==> flow/design.v <==
module dp_cmp_unit_rtl #(
    parameter integer DWIDTH = 16
) (
    input  wire clk_i,
    input  wire [DWIDTH-1:0] a_i,
    input  wire [DWIDTH-1:0] b_i,
    output wire less_o,
    output wire eq_o
);
    reg [DWIDTH-1:0] r_a;
    reg [DWIDTH-1:0] r_b;
    always @(posedge clk_i) begin
        r_a <= a_i;
        r_b <= b_i;
    end
    wire [DWIDTH:0] r = {1'b0, r_a} - {1'b0, r_b};
    assign less_o = r[DWIDTH];
    assign eq_o = ~|r[DWIDTH-1:0];
endmodule
# Reports on dp_cmp_unit_rtl
# The steps from the RTL of dp_cmp_unit_rtl to its reports follow in flow order.
# Lines are those of the file above, counted from 1.
# Operators: Yosys type, input widths -> output width; for muxes data width and select width s.
# Cell names lack the library's common part.
# Not given: n/a
# design
design,dp_cmp_unit_rtl
clock_port,clk_i
lib,sky130hd
lib_corner,tt_025C_1v80

# Elaborated design
# Yosys after proc, flatten, opt, wreduce and memory -nomap, before mapping. Enables and synchronous resets that opt folds into registers are not counted as muxes. Memory bits, and registers merged into a memory's read port (data or address), are not among the register bits. Print and check cells are not counted. Equal cells are merged and count once.
# word_totals
latch_bits,0
elab_cells,5
mem_bits_rw,0
reg_bits,32
in_bits,33
clocked_rd_ports_x_width,0
output_inout_bits,2
memories,0
romBits,0
# op_classes
eq_ne,0
bitwise,0
compare,0
shifts,0
n_div,0
add_sub_neg,1
mux,0
n_reduce_logical,2
mul,0
# ops
op,n
$sub 16x16->17,1
$reduce_or 16->1,1
$logic_not 1->1,1

# Longest topological paths
# Depth = most cells in a row (Yosys ltp): at word level without a register or memory, in the mapped netlist without a sequential cell, where the memories' decode and read muxes count.
# depth
ltp_word,3
abc_area,0
ltp_mapped,10
mapped_depth_nobuf,10

# Netlist
# Source: synth_stat.txt of the flow (Yosys; design flattened, memories mapped). It holds for the ABC_AREA given above (unset counts as 0); a run with the other value may have another netlist.
# synth_totals
synth_area_um2,1514.0
n_buf,1
flip_flops,32
sequential_area_um2,640.6
cells,157
# types
type,n,type_area_um2
dfxtp_1,32,640.614
ha_1,16,200.192
inv_1,18,67.565
a21oi_1,12,60.058
o21a_1,8,60.058
o21ai_0,7,35.034
o31a_1,4,35.034
nor2_1,9,33.782
a21o_1,3,22.522
fa_1,1,20.019
a31oi_1,3,18.768
nand2_1,5,18.768
nor2b_1,3,18.768
o22ai_1,3,18.768
a211o_1,2,17.517
or4_1,2,15.014
and2_1,2,12.512
nand2b_1,2,12.512
# Other cell types: 24; their cells: 25.

# Worst setup path after synthesis
# Path of least setup slack by OpenSTA after synthesis, without wires, with an ideal clock, recovery checks aside; 20% of the period is set as input and as output delay. Where synthesis merged equal registers, the netlist keeps one of their names.
# synth_path
kind,register -> output
start,register r_b[8]
end,output eq_o
launch_ps,0
stages,11
path_slack_ps,538
path_delay_ps,2150
arrival_ps,2150
output_delay_ps,672
clock_period_ps,3360
required_ps,2688
synth_period_reached_ps,2822
# "path_delay_ps" = arrival - input delay + setup time.
# A path that ends at an output port has no setup time.
# "stages" counts driving pins, that of a launching flip-flop among them; a cell with two outputs on the path counts twice.
# "synth_period_reached_ps" = period - worst setup slack (recovery checks aside). The figure is calculated, with input and output delays left at 20% of the set period.
# The rows between start and end are the longest chain of elaborated cells between them; the timing report does not say that the signal goes this way. Where chains are equally long, one stands for them.
# Each line given opens the expression or statement behind the cell; cells for indexed reads and writes are added by Yosys, which also makes memories of some case tables.
# synth_via
cell_sequence,dfxtp_1 -> inv_1 -> ha_1 -> and2_1 -> buf_6 -> a221o_1 -> nor3_1 -> a21oi_1 -> a211oi_1 -> a21oi_1 -> nor4_2
elab_chain_cells,3
cells_between,3
lines_between,2
cone_classes,1 x add/sub; 2 x reduce/logical
# synth_lines
element,line_no,text
"start, declared",11,reg [DWIDTH-1:0] r_b;
"start, assigned",14,r_b <= b_i;
$sub 16x16->17,16,"wire [DWIDTH:0] r = {1'b0, r_a} - {1'b0, r_b};"
$reduce_or 16->1,18,assign eq_o = ~|r[DWIDTH-1:0];
$logic_not 1->1,18,
"end, declared",8,output wire eq_o

# Timing after layout
# From the final timing report of run A: the path of least setup slack in the routed layout; clock arrival at registers is part of the times.
# The path's times are printed in steps of 10 ps; the period is the one set.
# layout_path
kind,register -> output
start,register r_b[8]
end,output eq_o
clock_period_ps,4970
required_ps,3980
arrival_ps,2700
stages,12
launch_ps,280
output_delay_ps,990
path_slack_ps,1280
# The rows between start and end are the longest chain of elaborated cells between them; the timing report does not say that the signal goes this way. Where chains are equally long, one stands for them.
# layout_via
cell_sequence,dfxtp_1 -> inv_1 -> ha_1 -> and2_4 -> a221o_1 -> nor3_2 -> a21oi_2 -> buf_4 -> a211oi_2 -> a21oi_1 -> nor4_2 -> buf_2
elab_chain_cells,3
cells_between,3
lines_between,2
cone_classes,1 x add/sub; 2 x reduce/logical
# layout_lines
element,line_no,text
"start, declared",11,reg [DWIDTH-1:0] r_b;
"start, assigned",14,r_b <= b_i;
$sub 16x16->17,16,"wire [DWIDTH:0] r = {1'b0, r_a} - {1'b0, r_b};"
$reduce_or 16->1,18,assign eq_o = ~|r[DWIDTH-1:0];
$logic_not 1->1,18,
"end, declared",8,output wire eq_o

# Settings and measured results of 3 stored flow runs for module dp_cmp_unit_rtl (sky130hd), not sorted in any way. The constraints put input and output delay at 20% of the set period each and load the outputs with 0.01 pF.
# "clock_period_reached_ps" is the run's clock period less its worst setup slack. It is reckoned from that one timing run; input and output delays stay at 20% of the period that was set.
# "worst_setup_path_time_ps" is the time allowed to the run's worst setup path (the clock period less input and output delay, where it has them) less its slack. Clock arrival times count: a late capture clock shortens it, a late launch clock lengthens it.
# By "fin_power_w" is meant OpenSTA's value without simulated activity: inputs other than the clock are taken to toggle once in ten clock periods, and the tool carries that through the logic.
# "worst_setup_path_time_ps" is known to 10 ps.
# A setting shown as . is not set for that run.
setting or result,run A,run B,run C
period_ns,4.97,3.86,3.36
CORE_UTILIZATION,19,36,40
SETUP_SLACK_MARGIN,1.25,0.22,.
PLACE_DENSITY,0.39,.,.
CORE_ASPECT_RATIO,1.24,0.85,.
CORE_MARGIN,2,2,2
CTS_CLUSTER_SIZE,66,.,.
CTS_CLUSTER_DIAMETER,384,339,.
SLEW_MARGIN,5,20,20
MIN_ROUTING_LAYER,met2,met1,.
CAP_MARGIN,20,15,20
PLACE_DENSITY_LB_ADDON,.,0.1,.
CELL_PAD_IN_SITES_GLOBAL_PLACEMENT,.,0,.
ABC_AREA,.,0,.
MAX_ROUTING_LAYER,.,met5,.
post_route_stdcell_area_um2,2192.1,2049.5,2110.8
fin_power_w,0.0007057,0.0007958,0.0009802
ws_setup_ps,1281,339,27
utilization_frac,0.281,0.513,0.577
yosys_chip_area_um2,1514.0,1514.0,1514.0
tns_setup_ps,0,0,0
clock_period_reached_ps,3689,3521,3333
fin_hold_ws_ps,1141,925,818
worst_setup_path_time_ps,2700,2750,2660
path_kind,register -> output,register -> output,register -> output
dieArea_um2,8702.1,4741.8,4292.9
